==> flow/design.v <==
module dp_reg_file #(
   parameter integer ENTRIES = 16,
   parameter integer DATA_WIDTH = 20,
   parameter integer NUM_RD = 4,
   parameter integer NW = 4,
   parameter integer ADDR_WIDTH = $clog2(ENTRIES)
) (
   input  core_clk,
   input  clr,
   input  [NW-1:0] in_we,
   input  [NW*ADDR_WIDTH-1:0] in_wr_idx,
   input  [NW*DATA_WIDTH-1:0] in_write_data,
   input  [NUM_RD*ADDR_WIDTH-1:0] in_ra,
   output [NUM_RD*DATA_WIDTH-1:0] out_q
);
   reg [NW-1:0] we_q;
   reg [NW*ADDR_WIDTH-1:0] wr_idx_q;
   reg [NW*DATA_WIDTH-1:0] write_data_q;
   reg [DATA_WIDTH-1:0] array [ENTRIES-1:0];
   integer idx;
   always @(posedge core_clk) begin
      for (idx = 0; idx < NW; idx = idx + 1)
         if (we_q[idx]) array[wr_idx_q[idx*ADDR_WIDTH +: ADDR_WIDTH]] <= write_data_q[idx*DATA_WIDTH +: DATA_WIDTH];
   end
   reg [NUM_RD*ADDR_WIDTH-1:0] ra_q;
   wire [NUM_RD*DATA_WIDTH-1:0] t;
   genvar gj;
   generate
      for (gj = 0; gj < NUM_RD; gj = gj + 1) begin : lane
         assign t[gj*DATA_WIDTH +: DATA_WIDTH] = array[ra_q[gj*ADDR_WIDTH +: ADDR_WIDTH]];
      end
   endgenerate
   assign out_q = t;
   always @(posedge core_clk or posedge clr) begin
      if (clr) begin
         we_q <= 0;
         wr_idx_q <= 0;
         write_data_q <= 0;
         ra_q <= 0;
      end else begin
         we_q <= in_we;
         wr_idx_q <= in_wr_idx;
         write_data_q <= in_write_data;
         ra_q <= in_ra;
      end
   end
endmodule
Tool chain data of dp_reg_file --
Tool output for the design above, in the order of the flow. Lines are those of the file above, counted from 1. Cell names lack the library's common part. Not given: --
Set-up: top dp_reg_file, clock core_clk, cell library sky130hd, library corner tt_025C_1v80

Word-level counts --
Counts by Yosys on the flattened word-level netlist (proc, flatten, opt, wreduce; memories kept). Register bits leave out memories and registers merged into their read ports (data or address); mux counts leave out enables and synchronous resets folded into registers. Print and check cells are left out. Cells with the same type and inputs are merged into one. Memory sizes are those after Yosys's memory passes, which may raise the word count (mostly to a power of two), join words into wider ones and drop unused or constant bits.
Storage and ports: flip-flop bits (word level) 116, memory bits (writable) 320, memories 1, input port bits 118, output and inout port bits 80, word-level cells 17
Memories:
- array | depth 16, bits a word 20, rd ports 4, write ports 4, RTL line 19 | reg [DATA_WIDTH-1:0] array [ENTRIES-1:0];
Cells by class: muxes and demuxes 12
Operators with widths (count):
- 2-to-1 mux 20 bit | 4
- 2-to-1 mux 4 bit | 4
- 2-to-1 mux 1 bit | 4

Depth --
Longest topological path by Yosys (ltp), each cell counted once; first at word level (registers and memories cut), then after technology mapping (sequential cells cut; the memories' decode and read muxes count).
Logic depth: depth in word-level cells 1, ABC_AREA 0, depth in mapped cells 7, mapped depth without buffers 4

Synthesis result --
The flow's flattened synthesis, as Yosys stat reports it; memories are mapped. The netlist is that of the ABC_AREA named above (0 if unset); the other value can give another one. Totals and module areas in this step are rounded.
Cells by type:
- edfxtp_1 | count 320, area in all 9.61E+03 µm²
- mux4_2 | count 320, area in all 7.21E+03 µm²
- dfrtp_1 | count 116, area in all 2.9E+03 µm²
- a221oi_1 | count 287, area in all 2.51E+03 µm²
- o31ai_1 | count 277, area in all 2.08E+03 µm²
- nand2_1 | count 423, area in all 1.59E+03 µm²
- a22oi_1 | count 160, area in all 1.2E+03 µm²
- nor2_1 | count 303, area in all 1.14E+03 µm²
- clkbuf_1 | count 288, area in all 1.08E+03 µm²
- buf_2 | count 86, area in all 430.413 µm²
- o21ai_0 | count 59, area in all 295.283 µm²
- nor2b_1 | count 32, area in all 200.192 µm²
- a21oi_1 | count 36, area in all 180.173 µm²
- buf_4 | count 20, area in all 150.144 µm²
- o22ai_1 | count 24, area in all 150.144 µm²
- and2_1 | count 22, area in all 137.632 µm²
- nand3_1 | count 27, area in all 135.13 µm²
- buf_1 | count 30, area in all 112.608 µm²
Not listed: further types 33, cells in them 128.
Mapped netlist: cell count 2958, synthesis area 32100 µm², area of sequential cells 12510 µm², flip-flop cells 436, buffer cells 436

Timing after synthesis --
OpenSTA on the mapped netlist: ideal clock, no wires. The path of least setup slack (recovery checks aside). Input and output delay are each 20% of the period. Register names are those of the netlist, which keeps one name where synthesis merged equal registers.
Path after synthesis: path kind register to register, from register wr_idx_q[14], to memory array[1][0], clock period 2.89 ns, library setup time 0.380 ns, time at the first pin 0.000 ns, arrival time 1.933 ns, data required time 2.510 ns, path slack 0.577 ns, delay of the path 2.313 ns, stages on the path 6, path buffers 2, synthesis period reached 2.313 ns
"delay of the path" = arrival - input delay + setup time. "stages on the path" counts driving pins, that of a launching flip-flop among them; a cell with two outputs on the path counts twice. "synthesis period reached" = period - worst setup slack (recovery checks aside). The figure is calculated, with input and output delays left at 20% of the set period. Between the ends stands the longest chain of elaborated cells between them, by number of cells; it is not shown to be the way that was timed. Of several equally long chains one is given. A line is the first line of the expression or statement that the cell stems from. Yosys adds cells for indexed reads and writes and turns some case tables into memories.
On the way, after synthesis: path through dfrtp_1 clkbuf_1 nor4_1 clkbuf_1 a21oi_1 nand3_1, cells in the longest elaborated chain 1, elaborated cells between the ends (all ways) 1, RTL lines with such cells 1, those cells by class 1 x mux
RTL lines, path after synthesis:
- from (decl) | RTL line 17 | reg [NW*ADDR_WIDTH-1:0] wr_idx_q;
- from (assign) | RTL line 37 | wr_idx_q <= 0;
- from (assign) | RTL line 42 | wr_idx_q <= in_wr_idx;
- 2-to-1 mux 4 bit | RTL line 23 | if (we_q[idx]) array[wr_idx_q[idx*ADDR_WIDTH +: ADDR_WIDTH]] <= write_data_q[idx*DATA_WIDTH +: DATA_WIDTH];
- to (decl) | RTL line 19 | reg [DATA_WIDTH-1:0] array [ENTRIES-1:0];

Path in the finished layout --
Path of least setup slack in the final report of record 2 (OpenROAD, finished layout, wires in). Where an end is a register, its clock arrival counts in the times.
Path after layout: path kind register to output, from register ra_q[12], to output port out_q[76], clock period 2.89 ns, output delay 0.58 ns, time at the first pin 0.62 ns, arrival time 2.64 ns, data required time 2.31 ns, path slack -0.32 ns, stages on the path 8, path buffers 4
Between the ends stands the longest chain of elaborated cells between them, by number of cells; it is not shown to be the way that was timed. Of several equally long chains one is given. A memory read counts as a cell of the chain, while the word-level depth stops at memories.
On the way, after layout: path through dfrtp_4 buf_12 buf_12 buf_12 mux4_2 a22oi_2 nand2_1 buf_2, cells in the longest elaborated chain 1, elaborated cells between the ends (all ways) 1, RTL lines with such cells 1, those cells by class 1 x memory
RTL lines, path after layout:
- from (decl) | RTL line 25 | reg [NUM_RD*ADDR_WIDTH-1:0] ra_q;
- from (assign) | RTL line 39 | ra_q <= 0;
- from (assign) | RTL line 44 | ra_q <= in_ra;
- memory (16 x 20 bit) | RTL line 19 | reg [DATA_WIDTH-1:0] array [ENTRIES-1:0];
- to (decl) | RTL line 14 | output [NUM_RD*DATA_WIDTH-1:0] out_q

Subject: flow runs of dp_reg_file

Hi,

Settings and measured results of 3 stored flow runs for module dp_reg_file (sky130hd), not sorted in any way. The constraints put input and output delay at 20% of the set period each and load the outputs with 0.01 pF.
By "reached clock period" is meant the clock period of the run minus its worst setup slack. This is arithmetic on one report: input and output delays are still those of the set period (20% each).
By "critical setup path time" is meant the share of the clock period that the worst setup path is allowed (20% is reserved at inputs, 20% at outputs), minus its slack. Clock arrival times at its registers enter into it.
"total power of the final layout": no workload was simulated; the value follows from the tool's default switching activity.
The results are shown rounded.

* Record 1 | settings: period_ns 3.12; CORE_UTILIZATION 50; PLACE_DENSITY 0.91; CORE_ASPECT_RATIO 1.52; ABC_AREA 0; GPL_TIMING_DRIVEN 0; CTS_CLUSTER_DIAMETER 81; CAP_MARGIN 0; MIN_ROUTING_LAYER met2; CORE_MARGIN 2; SLEW_MARGIN 20 | unfinished; error GRT-0116 in routing
* Record 2 | settings: period_ns 2.89; CAP_MARGIN 20; CORE_MARGIN 2; CORE_UTILIZATION 40; SLEW_MARGIN 20 | results: die outline area 82,530 µm²; worst hold slack after layout 0.389 ns; synthesis area 32,100 µm²; utilization after layout 0.505; critical setup path time 2.64 ns; critical path type register to output; setup total negative slack -11.38 ns; setup slack of the worst path -0.324 ns; reached clock period 3.214 ns; total power of the final layout 19.33 mW; standard-cell area of the final layout 40,000 µm²
* Record 3 | settings: period_ns 3.2; CORE_UTILIZATION 55; PLACE_DENSITY_LB_ADDON 0.02; CORE_ASPECT_RATIO 0.97; CELL_PAD_IN_SITES_GLOBAL_PLACEMENT 1; TNS_END_PERCENT 95; ABC_AREA 0; GPL_TIMING_DRIVEN 0; GPL_ROUTABILITY_DRIVEN 0; CTS_CLUSTER_SIZE 20; SLEW_MARGIN 0; MIN_ROUTING_LAYER met1; CAP_MARGIN 20; CORE_MARGIN 2 | results: die outline area 60,310 µm²; worst hold slack after layout 0.450 ns; synthesis area 32,100 µm²; utilization after layout 0.669; critical setup path time 2.76 ns; critical path type register to output; setup total negative slack -1.263 ns; setup slack of the worst path -0.198 ns; reached clock period 3.398 ns; total power of the final layout 17.23 mW; standard-cell area of the final layout 38,750 µm²

Regards
